==> flow/design.v <==
module rf_n #(
    parameter NREGS = 10,
    parameter DATA_WIDTH = 4,
    parameter ABITS = $clog2(NREGS)
) (
    input wire clk,
    input wire clr,
    input wire valid,
    input wire wr,
    input wire [ABITS-1:0] wr_idx,
    input wire [DATA_WIDTH-1:0] write_data,
    input wire [ABITS-1:0] rsel1,
    input wire [ABITS-1:0] rsel2,
    output wire [DATA_WIDTH-1:0] read_data1,
    output wire [DATA_WIDTH-1:0] read_data2
);
    reg wr_d1;
    always @(posedge clk) begin
        if (clr) begin
            wr_d1 <= 1'b0;
        end else if (valid) begin
            wr_d1 <= wr;
        end
    end
    reg [ABITS-1:0] wr_idx_d1;
    always @(posedge clk) begin
        if (clr) begin
            wr_idx_d1 <= 0;
        end else if (valid) begin
            wr_idx_d1 <= wr_idx;
        end
    end
    reg [DATA_WIDTH-1:0] write_data_d1;
    always @(posedge clk) begin
        if (clr) begin
            write_data_d1 <= 0;
        end else if (valid) begin
            write_data_d1 <= write_data;
        end
    end
    reg [DATA_WIDTH-1:0] regs [NREGS-1:0];
    always @(posedge clk) begin
        if (valid && wr_d1 && wr_idx_d1 != 0)
            regs[wr_idx_d1] <= write_data_d1;
    end
    reg [ABITS-1:0] rsel1_d1;
    always @(posedge clk) begin
        if (clr) begin
            rsel1_d1 <= 0;
        end else if (valid) begin
            rsel1_d1 <= rsel1;
        end
    end
    reg [ABITS-1:0] rsel2_d1;
    always @(posedge clk) begin
        if (clr) begin
            rsel2_d1 <= 0;
        end else if (valid) begin
            rsel2_d1 <= rsel2;
        end
    end
    assign read_data1 = (rsel1_d1 == 0) ? {DATA_WIDTH{1'b0}} : regs[rsel1_d1];
    assign read_data2 = (rsel2_d1 == 0) ? {DATA_WIDTH{1'b0}} : regs[rsel2_d1];
endmodule
* Step by step through the tools: rf_n
A sweep over "NREGS": the same steps for each member of the family. The file above is the member NREGS = 10. Line numbers count from 1 in each member's own file. Operators: Yosys type, input widths -> output width; for muxes data width and select width s. Library cell names are shortened. A cell with - has no value.
Inputs: top rf_n, clock clk, cell library sky130hd, library corner tt_025C_1v80

* Members of the sweep
Lines of each other member's file that are new or changed against the file above; lines that a member lacks are not shown.
New or changed lines:
- NREGS 20 | line 2 | parameter NREGS = 20,
- NREGS 40 | line 2 | parameter NREGS = 40,
- NREGS 96 | line 2 | parameter NREGS = 96,

* Word-level counts
Counts by Yosys on the flattened word-level netlist (proc, flatten, opt, wreduce; memories kept). Print and check cells are left out. Cells with the same type and inputs are merged into one. Yosys's memory passes give these memory sizes; they may raise the number of words (mostly to a power of two), join words into wider ones and drop unused or constant bits.
Operators by class:
- NREGS 10 | mux-type cells 9, reductions and logical operators 5
- NREGS 20 | mux-type cells 9, reductions and logical operators 5
- NREGS 40 | mux-type cells 9, reductions and logical operators 5
- NREGS 96 | mux-type cells 9, reductions and logical operators 5
Operator list (kind and count):
- NREGS 10 | 8 x $mux 4; 2 x $logic_not 4->1; 1 x $reduce_bool 4->1; 2 x $logic_and 1x1->1; 1 x $mux 1
- NREGS 20 | 5 x $mux 5; 3 x $mux 4; 2 x $logic_not 5->1; 1 x $reduce_bool 5->1; 2 x $logic_and 1x1->1; 1 x $mux 1
- NREGS 40 | 5 x $mux 6; 2 x $logic_not 6->1; 3 x $mux 4; 1 x $reduce_bool 6->1; 2 x $logic_and 1x1->1; 1 x $mux 1
- NREGS 96 | 5 x $mux 7; 2 x $logic_not 7->1; 3 x $mux 4; 1 x $reduce_bool 7->1; 2 x $logic_and 1x1->1; 1 x $mux 1
Bit counts:
- NREGS 10 | register bits 17, memory bits (writable) 40, word width x clocked read ports 8, memories 1, bits of input ports 20, output and inout bits 8, cells after elaboration 20
- NREGS 20 | register bits 20, memory bits (writable) 80, word width x clocked read ports 8, memories 1, bits of input ports 23, output and inout bits 8, cells after elaboration 20
- NREGS 40 | register bits 23, memory bits (writable) 160, word width x clocked read ports 8, memories 1, bits of input ports 26, output and inout bits 8, cells after elaboration 20
- NREGS 96 | register bits 26, memory bits (writable) 384, word width x clocked read ports 8, memories 1, bits of input ports 29, output and inout bits 8, cells after elaboration 20
Memories (shape (words x width / read and write ports)):
- NREGS 10 | regs 10 x 4 bit 2R1W
- NREGS 20 | regs 20 x 4 bit 2R1W
- NREGS 40 | regs 40 x 4 bit 2R1W
- NREGS 96 | regs 96 x 4 bit 2R1W

* Depth
Depth = most cells in a row (Yosys ltp): at word level without a register or memory, in the mapped netlist without a sequential cell, where the memories' decode and read muxes count.
Logic depth:
- NREGS 10 | depth in word-level cells 3, ABC_AREA 0, depth in mapped cells 4, gate-level depth less buffers 3
- NREGS 20 | depth in word-level cells 3, ABC_AREA 0, depth in mapped cells 7, gate-level depth less buffers 4
- NREGS 40 | depth in word-level cells 3, ABC_AREA 0, depth in mapped cells 8, gate-level depth less buffers 5
- NREGS 96 | depth in word-level cells 3, ABC_AREA 0, depth in mapped cells 9, gate-level depth less buffers 5

* After synthesis
The flow's flattened synthesis, as Yosys stat reports it; memories are mapped. The netlist is that of the ABC_AREA named above (0 if unset); the other value can give another one.
Synthesis totals:
- NREGS 10 | mapped cells 173, chip area (Yosys) 0.0027264 mm^2, sequential part of the area 0.0017016 mm^2, flip-flops 65, buffer cells 10
- NREGS 20 | mapped cells 315, chip area (Yosys) 0.0048922 mm^2, sequential part of the area 0.0030029 mm^2, flip-flops 110, buffer cells 20
- NREGS 40 | mapped cells 638, chip area (Yosys) 0.0090624 mm^2, sequential part of the area 0.0055053 mm^2, flip-flops 195, buffer cells 43
- NREGS 96 | mapped cells 1147, chip area (Yosys) 0.0197364 mm^2, sequential part of the area 0.0123318 mm^2, flip-flops 424, buffer cells 80
Cells by type (type and count):
- NREGS 10 | 40 x edfxtp_1; 25 x dfxtp_1; 14 x mux4_1; 25 x mux2i_1; 24 x nor2_1; 8 x a211oi_1; 8 x o22ai_1; 2 x mux4_2; 4 x nand2b_1; 2 x buf_6; 3 x nor4_1; 2 x or2_2; 3 x buf_1; 2 x buf_2; 2 x clkbuf_2; 2 x nor3_1; 1 x nand4b_1; 1 x or3b_2; [+5]
- NREGS 20 | 80 x edfxtp_1; 28 x mux4_2; 30 x dfxtp_1; 32 x mux2i_1; 8 x mux4_1; 43 x nor2_1; 18 x nor2b_1; 8 x a2111oi_0; 17 x nand2_1; 10 x nor3_1; 4 x buf_6; 8 x nand3_1; 4 x a211oi_1; 3 x buf_4; 6 x clkbuf_1; 1 x buf_12; 2 x or3b_2; 3 x buf_2; [+10]
- NREGS 40 | 160 x edfxtp_1; 159 x mux2i_1; 35 x dfxtp_1; 60 x a22oi_1; 16 x mux4_2; 66 x nor2_1; 40 x a21oi_1; 16 x buf_6; 10 x buf_4; 8 x o21a_1; 4 x a22oi_2; 8 x nor4_1; 8 x buf_2; 9 x nand2_1; 5 x nor2b_1; 7 x clkbuf_1; 4 x nand2b_1; 5 x nand3_1; [+18]
- NREGS 96 | 384 x edfxtp_1; 180 x mux4_2; 99 x mux2i_1; 40 x dfxtp_1; 142 x nor2_1; 62 x nand2_1; 28 x buf_2; 16 x buf_4; 10 x mux2_2; 4 x mux4_1; 20 x nand3_1; 13 x o211ai_1; 24 x clkbuf_1; 10 x a32oi_1; 11 x a22oi_1; 12 x nor2b_1; 5 x a221oi_1; 6 x a31oi_1; [+81]
The mark [+n] counts cells that are not listed.

* Path before layout
Path of least setup slack by OpenSTA after synthesis, without wires, with an ideal clock, recovery checks aside; 20% of the period is set as input and as output delay. Where synthesis merged equal registers, the netlist keeps one of their names.
Timing path after synthesis:
- NREGS 10 | kind input to register, start input port valid, end memory regs[1][0], clock period 1.96 ns, slack 0.314 ns, stages 3, path delay 1.254 ns, synthesis period reached 1.646 ns
- NREGS 20 | kind register to output, start register (name not given), end output port read_data2[2], clock period 2.77 ns, slack 0.445 ns, stages 7, path delay 1.771 ns, synthesis period reached 2.325 ns
- NREGS 40 | kind register to output, start register (name not given), end output port read_data1[1], clock period 2.28 ns, slack 0.365 ns, stages 7, path delay 1.459 ns, synthesis period reached 1.915 ns
- NREGS 96 | kind register to output, start register (name not given), end output port read_data1[1], clock period 3.0 ns, slack 0.480 ns, stages 7, path delay 1.920 ns, synthesis period reached 2.52 ns
"path delay" = arrival - input delay + setup time. A path that ends at an output port has no setup time. "stages" counts driving pins, that of a launching flip-flop among them; a cell with two outputs on the path counts twice. "synthesis period reached" = period - worst setup slack (recovery checks aside). The figure is calculated, with input and output delays left at 20% of the set period. The rows between start and end are the longest chain of elaborated cells between them; the timing report does not say that the signal goes this way. Where chains are equally long, one stands for them. Each line given opens the expression or statement behind the cell; cells for indexed reads and writes are added by Yosys, which also makes memories of some case tables. NREGS = 10: Only ways into the end's enable, where the timed path ends, are counted here.
On the way, after synthesis, NREGS = 10: length of the longest elaborated chain 3
RTL lines, path after synthesis, NREGS = 10:
- start, declared | line 8 | input wire valid,
- $logic_and 1x1->1 (2 in a row) | line 43 | if (valid && wr_d1 && wr_idx_d1 != 0)
- $mux 4 | line 43
- end, declared | line 41 | reg [DATA_WIDTH-1:0] regs [NREGS-1:0];
RTL lines, path after synthesis, NREGS = 96:
- end, declared | line 14 | output wire [DATA_WIDTH-1:0] read_data1,
NREGS = 96: Chain of elaborated cells between the ends: none given.

* Timing after layout
Path of least setup slack in the final report of the run of each member (OpenROAD, finished layout, wires in). Where an end is a register, its clock arrival counts in the times.
Timing path after layout:
- NREGS 10 | kind register to output, start register (name not given), end output port read_data1[1], clock period 1.96 ns, slack -0.13 ns, stages 6, data arrival time 1.70 ns, buffers on the path 2
- NREGS 20 | kind register to output, start register (name not given), end output port read_data1[2], clock period 2.77 ns, slack -0.10 ns, stages 9, data arrival time 2.32 ns, buffers on the path 4
- NREGS 40 | kind register to output, start register (name not given), end output port read_data2[0], clock period 2.28 ns, slack -0.57 ns, stages 9, data arrival time 2.39 ns, buffers on the path 3
- NREGS 96 | kind register to output, start register (name not given), end output port read_data2[1], clock period 3.0 ns, slack -0.43 ns, stages 10, data arrival time 2.83 ns, buffers on the path 4

* Measured runs
One run of the flow (Yosys, OpenROAD) for each member, with settings and measured results. Input and output delays are each 20% of the period that was set; the output load is 0.01 pF.
Settings: CAP_MARGIN 20, CORE_MARGIN 2, CORE_UTILIZATION 40, SLEW_MARGIN 20
Settings by member (period_ns):
- NREGS 10 | 1.96
- NREGS 20 | 2.77
- NREGS 40 | 2.28
- NREGS 96 | 3.0
Measured results:
- NREGS 10 | synthesized cell area 0.0027264 mm^2, full die area 0.0074926 mm^2, post-layout utilization 0.521, worst setup slack after layout -0.135 ns, total negative setup slack -0.993 ns, post-route worst hold slack 0.519 ns, power consumption 3.242 mW, period reached 2.095 ns
- NREGS 20 | synthesized cell area 0.0048922 mm^2, full die area 0.0131309 mm^2, post-layout utilization 0.504, worst setup slack after layout -0.100 ns, total negative setup slack -0.327 ns, post-route worst hold slack 0.532 ns, power consumption 3.442 mW, period reached 2.870 ns
- NREGS 40 | synthesized cell area 0.0090624 mm^2, full die area 0.0238764 mm^2, post-layout utilization 0.502, worst setup slack after layout -0.568 ns, total negative setup slack -3.784 ns, post-route worst hold slack 0.540 ns, power consumption 7.944 mW, period reached 2.848 ns
- NREGS 96 | synthesized cell area 0.0197364 mm^2, full die area 0.0511348 mm^2, post-layout utilization 0.499, worst setup slack after layout -0.431 ns, total negative setup slack -2.930 ns, post-route worst hold slack 0.534 ns, power consumption 14.069 mW, period reached 3.431 ns
"period reached" means the clock period less the worst setup slack. The figure is calculated, with input and output delays left at 20% of the set period. "power consumption" rests on the timing tool's default activity at the inputs, not on a simulated workload.
